==> flow/design.v <==
module mult #(
    parameter integer XLEN = 32,
    parameter integer K = 2
) (
    input logic clock,
    input logic rst_n,
    input logic [XLEN-1:0] a,
    input logic [K-1:0] b,
    output logic [XLEN+K-1:0] p
);
    always_ff @(posedge clock or negedge rst_n) begin
        if (~rst_n) begin
            p <= 0;
        end else begin
            p <= a * b;
        end
    end
endmodule
## Step by step through the tools: mult

What the tools print for mult, step after step.
Line numbers count from 1 in the design file above.
Operators: Yosys type, input widths -> output width; for muxes data width and select width s.
A cell with n/a has no value.

- Design top: mult
- Clock port: clock
- Standard-cell library: sky130hd
- Corner: tt_025C_1v80

## After elaboration

Counts by Yosys on the flattened word-level netlist (proc, flatten, opt, wreduce; memories kept). Register bits leave out memories and registers merged into their read ports (data or address); mux counts leave out enables and synchronous resets folded into registers. Print and check cells are left out. Cells with the same type and inputs are merged into one.

- Register bits: 34
- Output and inout bits: 34
- Input port bits: 36
- Cells after elaboration: 2

- Multipliers: 1

Operator list:

| operator | number |
|---|---|
| $mul 32x2->34 | 1 |

## Logic depth

Longest topological path by Yosys (ltp), each cell counted once; first at word level (registers and memories cut), then after technology mapping (sequential cells cut; the memories' decode and read muxes count).

- Depth after elaboration: 1
- ABC_AREA: 0
- Depth in mapped cells: 11
- Gate-level depth less buffers: 10

## Netlist

Yosys stat after the flow's synthesis: flattened, memories mapped to cells. It holds for the ABC_AREA given above (unset counts as 0); a run with the other value may have another netlist.

Cells by type:

| cell type | number | area in all (sq um) |
|---|---|---|
| sky130_fd_sc_hd__dfrtp_1 | 34 | 850.816 |
| sky130_fd_sc_hd__and2_1 | 66 | 412.896 |
| sky130_fd_sc_hd__ha_1 | 31 | 387.872 |
| sky130_fd_sc_hd__xnor2_1 | 17 | 148.893 |
| sky130_fd_sc_hd__a21oi_1 | 28 | 140.134 |
| sky130_fd_sc_hd__xor2_1 | 12 | 105.101 |
| sky130_fd_sc_hd__o21ai_0 | 16 | 80.077 |
| sky130_fd_sc_hd__nand2_1 | 18 | 67.565 |
| sky130_fd_sc_hd__o211ai_1 | 8 | 60.058 |
| sky130_fd_sc_hd__a21o_1 | 7 | 52.55 |
| sky130_fd_sc_hd__nand4_1 | 7 | 43.792 |
| sky130_fd_sc_hd__nor2_1 | 9 | 33.782 |
| sky130_fd_sc_hd__o41ai_4 | 1 | 27.526 |
| sky130_fd_sc_hd__a31o_2 | 3 | 26.275 |
| sky130_fd_sc_hd__clkbuf_1 | 7 | 26.275 |
| sky130_fd_sc_hd__o311ai_4 | 1 | 26.275 |
| sky130_fd_sc_hd__nand3_1 | 5 | 25.024 |
| sky130_fd_sc_hd__a211oi_1 | 3 | 22.522 |

Not listed: further types 29, cells in them 47.

- Sequential part of the area: 850.8 sq um
- Flip-flops: 34
- Buffer cells: 11
- Mapped area: 2904.0 sq um
- Standard cells after synthesis: 320

## Worst setup path after synthesis

Source: OpenSTA report_checks on the synthesized netlist (no wires, ideal clock, input and output delay 20% of the period each), path of least setup slack; recovery checks are left aside. Register names are those of the netlist, which keeps one name where synthesis merged equal registers.

- Kind: input to register
- Start: input port b[1]
- End: register p[33]
- Period: 3.63 ns
- Setup slack: 0.581 ns
- Input delay: 0.726 ns
- Arrival time: 2.920 ns
- Buffers on the path: 1
- Delay of the path: 2.323 ns
- Data required time: 3.501 ns
- Time at the first pin: 0.726 ns
- Setup time: 0.129 ns
- Driving pins on the path: 11
- Period reached after synthesis: 3.049 ns

"delay of the path" = arrival - input delay + setup time.
"driving pins on the path" counts driving pins, that of a launching flip-flop among them; a cell with two outputs on the path counts twice.
"period reached after synthesis" = period - worst setup slack (recovery checks aside). The figure is calculated, with input and output delays left at 20% of the set period.
Between the ends stands the longest chain of elaborated cells between them, by number of cells; it is not shown to be the way that was timed. Of several equally long chains one is given.
A line is the first line of the expression or statement that the cell stems from. Yosys adds cells for indexed reads and writes and turns some case tables into memories.

- Path through: sky130_fd_sc_hd__clkbuf_1 -> sky130_fd_sc_hd__and2_1 -> sky130_fd_sc_hd__ha_1 -> sky130_fd_sc_hd__fa_1 -> sky130_fd_sc_hd__a211oi_1 -> sky130_fd_sc_hd__o211ai_1 -> sky130_fd_sc_hd__a41oi_2 -> sky130_fd_sc_hd__a21oi_2 -> sky130_fd_sc_hd__a31o_2 -> sky130_fd_sc_hd__a21oi_1 -> sky130_fd_sc_hd__o32ai_1
- Length of the longest elaborated chain: 1
- Elaborated cells on any way between the ends: 1
- RTL lines with such cells: 1
- Classes of those cells: mul: 1

RTL lines, path post-synthesis:

| element | line | RTL |
|---|---|---|
| start: declaration | 8 | `input logic [K-1:0] b,` |
| $mul 32x2->34 | 15 | `p <= a * b;` |
| end: assignment | 13 | `p <= 0;` |
| end: assignment | 15 |  |
| end: declaration | 9 | `output logic [XLEN+K-1:0] p` |

## Timing after layout

From the final timing report of flow run A: the path of least setup slack in the routed layout; clock arrival at registers is part of the times.

- Kind: input to register
- Start: input port a[25]
- End: register p[33]
- Setup time: 0.12 ns
- Period: 2.03 ns
- Buffers on the path: 1
- Input delay: 0.41 ns
- Time at the first pin: 0.41 ns
- Setup slack: -0.64 ns
- Driving pins on the path: 10
- Arrival time: 2.83 ns
- Data required time: 2.19 ns

Between the ends stands the longest chain of elaborated cells between them, by number of cells; it is not shown to be the way that was timed. Of several equally long chains one is given.

- Path through: sky130_fd_sc_hd__clkdlybuf4s50_1 -> sky130_fd_sc_hd__and2_1 -> sky130_fd_sc_hd__ha_1 -> sky130_fd_sc_hd__nand2_1 -> sky130_fd_sc_hd__nor2_2 -> sky130_fd_sc_hd__nand2_1 -> sky130_fd_sc_hd__nor2_2 -> sky130_fd_sc_hd__a31o_2 -> sky130_fd_sc_hd__a21oi_4 -> sky130_fd_sc_hd__o32ai_2
- Length of the longest elaborated chain: 1
- Elaborated cells on any way between the ends: 1
- RTL lines with such cells: 1
- Classes of those cells: mul: 1

RTL lines, path after layout:

| element | line | RTL |
|---|---|---|
| start: declaration | 7 | `input logic [XLEN-1:0] a,` |
| $mul 32x2->34 | 15 | `p <= a * b;` |
| end: assignment | 13 | `p <= 0;` |
| end: assignment | 15 |  |
| end: declaration | 9 | `output logic [XLEN+K-1:0] p` |

Memo
Re: implementation data of mult

Settings and measured results of 3 stored flow runs for module mult (sky130hd), not sorted in any way. The constraints put input and output delay at 20% of the set period each and load the outputs with 0.01 pF.
"clock period reached" = clock period - worst setup slack. The figure is calculated, with input and output delays left at 20% of the set period.
"critical setup path time" is the time allowed to the run's worst setup path (the clock period less input and output delay, where it has them) less its slack. Clock arrival times count: a late capture clock shortens it, a late launch clock lengthens it.

### Flow run A

Settings: `period_ns=2.03`, `CORE_UTILIZATION=21`, `PLACE_DENSITY=0.94`, `CORE_ASPECT_RATIO=0.77`, `CELL_PAD_IN_SITES_DETAIL_PLACEMENT=1`, `GPL_ROUTABILITY_DRIVEN=1`, `CTS_CLUSTER_SIZE=53`, `CTS_CLUSTER_DIAMETER=260`, `CAP_MARGIN=30`, `MIN_ROUTING_LAYER=met2`, `CORE_MARGIN=2`, `SLEW_MARGIN=20`

- Worst setup slack after layout: -0.641 ns
- Critical setup path time: 2.26 ns
- Kind of the worst setup path: input to register
- Yosys chip area after synthesis: 2904.0 sq um
- Die outline area: 14793.3 sq um
- Final design utilization: 43.2%
- Total negative slack: -8.165 ns
- Clock period reached: 2.671 ns

### Flow run B

Settings: `period_ns=3.63`, `CAP_MARGIN=20`, `CORE_MARGIN=2`, `CORE_UTILIZATION=40`, `SLEW_MARGIN=20`

- Worst setup slack after layout: 0.323 ns
- Critical setup path time: 2.58 ns
- Kind of the worst setup path: input to register
- Yosys chip area after synthesis: 2904.0 sq um
- Die outline area: 7957.5 sq um
- Final design utilization: 55.6%
- Total negative slack: 0.000 ns
- Clock period reached: 3.307 ns

### Flow run C

Settings: `period_ns=5.06`, `CORE_UTILIZATION=27`, `SETUP_SLACK_MARGIN=0.16`, `PLACE_DENSITY_LB_ADDON=0.03`, `CTS_CLUSTER_DIAMETER=348`, `SLEW_MARGIN=10`, `MIN_ROUTING_LAYER=met1`, `CAP_MARGIN=20`, `CORE_MARGIN=2`

- Worst setup slack after layout: 0.993 ns
- Critical setup path time: 3.06 ns
- Kind of the worst setup path: input to register
- Yosys chip area after synthesis: 2904.0 sq um
- Die outline area: 11601.4 sq um
- Final design utilization: 36.8%
- Total negative slack: 0.000 ns
- Clock period reached: 4.067 ns
